==> flow/design.v <==
module gen_sh_core_v2 #(
  parameter XLEN = 24,
  parameter SEL_W = $clog2(XLEN)
) (
  input  wire clk_i,
  input  wire [XLEN-1:0] ch_i,
  input  wire [SEL_W-1:0] n_i,
  output reg [XLEN-1:0] res_o
);
  reg [XLEN-1:0] t;
  integer k;
  always @* begin
    t = ch_i;
    for (k = 0; k < SEL_W; k = k + 1)
      if (n_i[k]) t = t << (1 << k);
  end
  always @(posedge clk_i)
    res_o <= t;
endmodule
Tool chain data of gen_sh_core_v2
What the tools print for gen_sh_core_v2, step after step.
Line numbers count from 1 in the design file above.
Operators: Yosys type, input widths -> output width; for muxes data width and select width s.
Cell names lack the library's common part.
Not given: n/a

inputs
  top module = gen_sh_core_v2
  clock port = clk_i
  library = sky130hd
  library corner = tt_025C_1v80

After elaboration
Source: Yosys, flattened and elaborated, memories not mapped. Widths are those after wreduce. Registers that Yosys merges into a memory's read port (data or address) are not register bits. Print and check cells do not count. Equal cells are merged and count once.

bit counts
  flip-flop bits (word level) = 24
  input port bits = 30

cells by class
  muxes and demuxes = 5

operators with widths
  operator  number
  $mux 24   5

Longest topological paths
Depth = most cells in a row (Yosys ltp): at word level without a register or memory, in the mapped netlist without a sequential cell, where the memories' decode and read muxes count.

depth
  depth in word-level cells = 5
  ABC_AREA = 0
  mapped depth = 6
  gate-level depth less buffers = 4

After synthesis
The flow's flattened synthesis, as Yosys stat reports it; memories are mapped. The netlist is that of the ABC_AREA named above (0 if unset); the other value can give another one.

cell types
  cell       number  total area (um^2)
  dfxtp_1    24      480.461
  mux4_2     20      450.432
  mux2i_1    13      130.125
  mux2_2     8       90.086
  mux4_1     3       78.826
  nor2_1     18      67.565
  a211oi_1   8       60.058
  a2bb2oi_2  3       45.043
  nand2b_1   5       31.28
  mux2_4     2       30.029
  o211ai_1   4       30.029
  o21ai_1    6       30.029
  buf_6      2       22.522
  nand2_1    6       22.522
  buf_12     1       20.019
  buf_2      4       20.019
  buf_4      2       15.014
  clkbuf_1   4       15.014

Not listed: further types 9, cells in them 10.

mapped netlist
  cell count = 143
  mapped area = 1702.9 um^2
  area of sequential cells = 480.5 um^2
  flip-flop cells = 24
  buffer cells = 15

Timing after synthesis
Path of least setup slack by OpenSTA after synthesis, without wires, with an ideal clock, recovery checks aside; 20% of the period is set as input and as output delay. Where synthesis merged equal registers, the netlist keeps one of their names.

timing path post-synthesis
  path kind = input port to flip-flop
  start = input port n_i[0]
  end = register res_o[19]
  period = 1.95 ns
  external input delay = 0.390 ns
  time at the first pin = 0.390 ns
  data arrival time = 1.507 ns
  required time = 1.822 ns
  path slack = 0.315 ns
  delay of the path = 1.245 ns
  stages on the path = 5
  buffers on the path = 1
  period reached after synthesis = 1.635 ns

"delay of the path" is the arrival time less input delay plus setup time.
"stages on the path" counts driving pins, that of a launching flip-flop among them; a cell with two outputs on the path counts twice.
"period reached after synthesis" = period - worst setup slack (recovery checks aside). The figure is calculated, with input and output delays left at 20% of the set period.
The rows between start and end are the longest chain of elaborated cells between them; the timing report does not say that the signal goes this way. Where chains are equally long, one stands for them.
A line is the first line of the expression or statement that the cell stems from. Yosys adds cells for indexed reads and writes and turns some case tables into memories.

between the ends, post-synthesis
  path through = buf_6 mux4_2 mux2_2 a2bb2oi_2 o21ai_1
  cells in the longest elaborated chain = 5
  elaborated cells between the ends (all ways) = 5
  RTL lines with such cells = 1

RTL lines, path post-synthesis
  element               RTL line  source
  start: declaration    7         input  wire [SEL_W-1:0] n_i,
  $mux 24 (5 in a row)  15        if (n_i[k]) t = t << (1 << k);
  end: assignment       18        res_o <= t;
  end: declaration      8         output reg [XLEN-1:0] res_o

Path in the finished layout
From the final timing report of flow run 2: the path of least setup slack in the routed layout; clock arrival at registers is part of the times.

timing path after layout
  path kind = input port to flip-flop
  start = input port n_i[2]
  end = register res_o[17]
  period = 1.95 ns
  external input delay = 0.39 ns
  time at the first pin = 0.39 ns
  data arrival time = 2.00 ns
  required time = 2.09 ns
  path slack = 0.09 ns
  stages on the path = 6
  buffers on the path = 2

The rows between start and end are the longest chain of elaborated cells between them; the timing report does not say that the signal goes this way. Where chains are equally long, one stands for them.

between the ends, after layout
  path through = clkdlybuf4s50_1 buf_12 mux4_2 mux2_4 a2bb2oi_2 o21ai_1
  cells in the longest elaborated chain = 3
  elaborated cells between the ends (all ways) = 3
  RTL lines with such cells = 1

RTL lines, path after layout
  element               RTL line  source
  start: declaration    7         input  wire [SEL_W-1:0] n_i,
  $mux 24 (3 in a row)  15        if (n_i[k]) t = t << (1 << k);
  end: assignment       18        res_o <= t;
  end: declaration      8         output reg [XLEN-1:0] res_o

Memo
Re: implementation data of gen_sh_core_v2

Module gen_sh_core_v2, platform sky130hd: 3 stored runs of the flow (Yosys, OpenROAD) with differing settings, in no particular order. Input and output delays are each 20% of the period that was set; the output load is 0.01 pF.
"achieved clock period (ns)" = clock period - worst setup slack. The figure is calculated, with input and output delays left at 20% of the set period.
"worst setup path time (ns)" is the time allowed to the run's worst setup path (the clock period less input and output delay, where it has them) less its slack. Clock arrival times count: a late capture clock shortens it, a late launch clock lengthens it.
"finish__power__total": no workload was simulated; the value follows from the tool's default switching activity.

settings of flow run 1
{
  "period_ns": 1.41,
  "CORE_UTILIZATION": 68,
  "SETUP_SLACK_MARGIN": -0.03,
  "PLACE_DENSITY": 0.84,
  "CELL_PAD_IN_SITES_GLOBAL_PLACEMENT": 1,
  "CELL_PAD_IN_SITES_DETAIL_PLACEMENT": 2,
  "TNS_END_PERCENT": 95,
  "ABC_AREA": 0,
  "GPL_TIMING_DRIVEN": 0,
  "CTS_CLUSTER_SIZE": 21,
  "MAX_ROUTING_LAYER": "met4",
  "CAP_MARGIN": 20,
  "CORE_MARGIN": 2,
  "SLEW_MARGIN": 20
}
report of flow run 1: did not finish, place, GPL-0301

settings of flow run 2
{
  "period_ns": 1.95,
  "CAP_MARGIN": 20,
  "CORE_MARGIN": 2,
  "CORE_UTILIZATION": 40,
  "SLEW_MARGIN": 20
}
report of flow run 2
yosys chip area after synthesis (um^2): 1702.9
finish__design__die__area: 4794.9
finish__design__instance__area__stdcell: 2512.4
finish__design__instance__utilization: 0.6192
finish__timing__setup__ws: 0.092
finish__timing__setup__tns: 0.000
finish__timing__hold__ws: 0.921
finish__power__total: 1.367e-03
achieved clock period (ns): 1.858
worst setup path time (ns): 1.47
worst setup path kind: input port to flip-flop

settings of flow run 3
{
  "period_ns": 1.14,
  "CORE_UTILIZATION": 28,
  "SETUP_SLACK_MARGIN": 0.22,
  "PLACE_DENSITY_LB_ADDON": 0.27,
  "HOLD_SLACK_MARGIN": 0.25,
  "CELL_PAD_IN_SITES_GLOBAL_PLACEMENT": 1,
  "SLEW_MARGIN": 10,
  "MIN_ROUTING_LAYER": "met2",
  "CAP_MARGIN": 20,
  "CORE_MARGIN": 2
}
report of flow run 3
yosys chip area after synthesis (um^2): 1702.9
finish__design__die__area: 6721.5
finish__design__instance__area__stdcell: 2778.9
finish__design__instance__utilization: 0.4722
finish__timing__setup__ws: -0.190
finish__timing__setup__tns: -2.674
finish__timing__hold__ws: 0.500
finish__power__total: 2.555e-03
achieved clock period (ns): 1.330
worst setup path time (ns): 1.10
worst setup path kind: input port to flip-flop
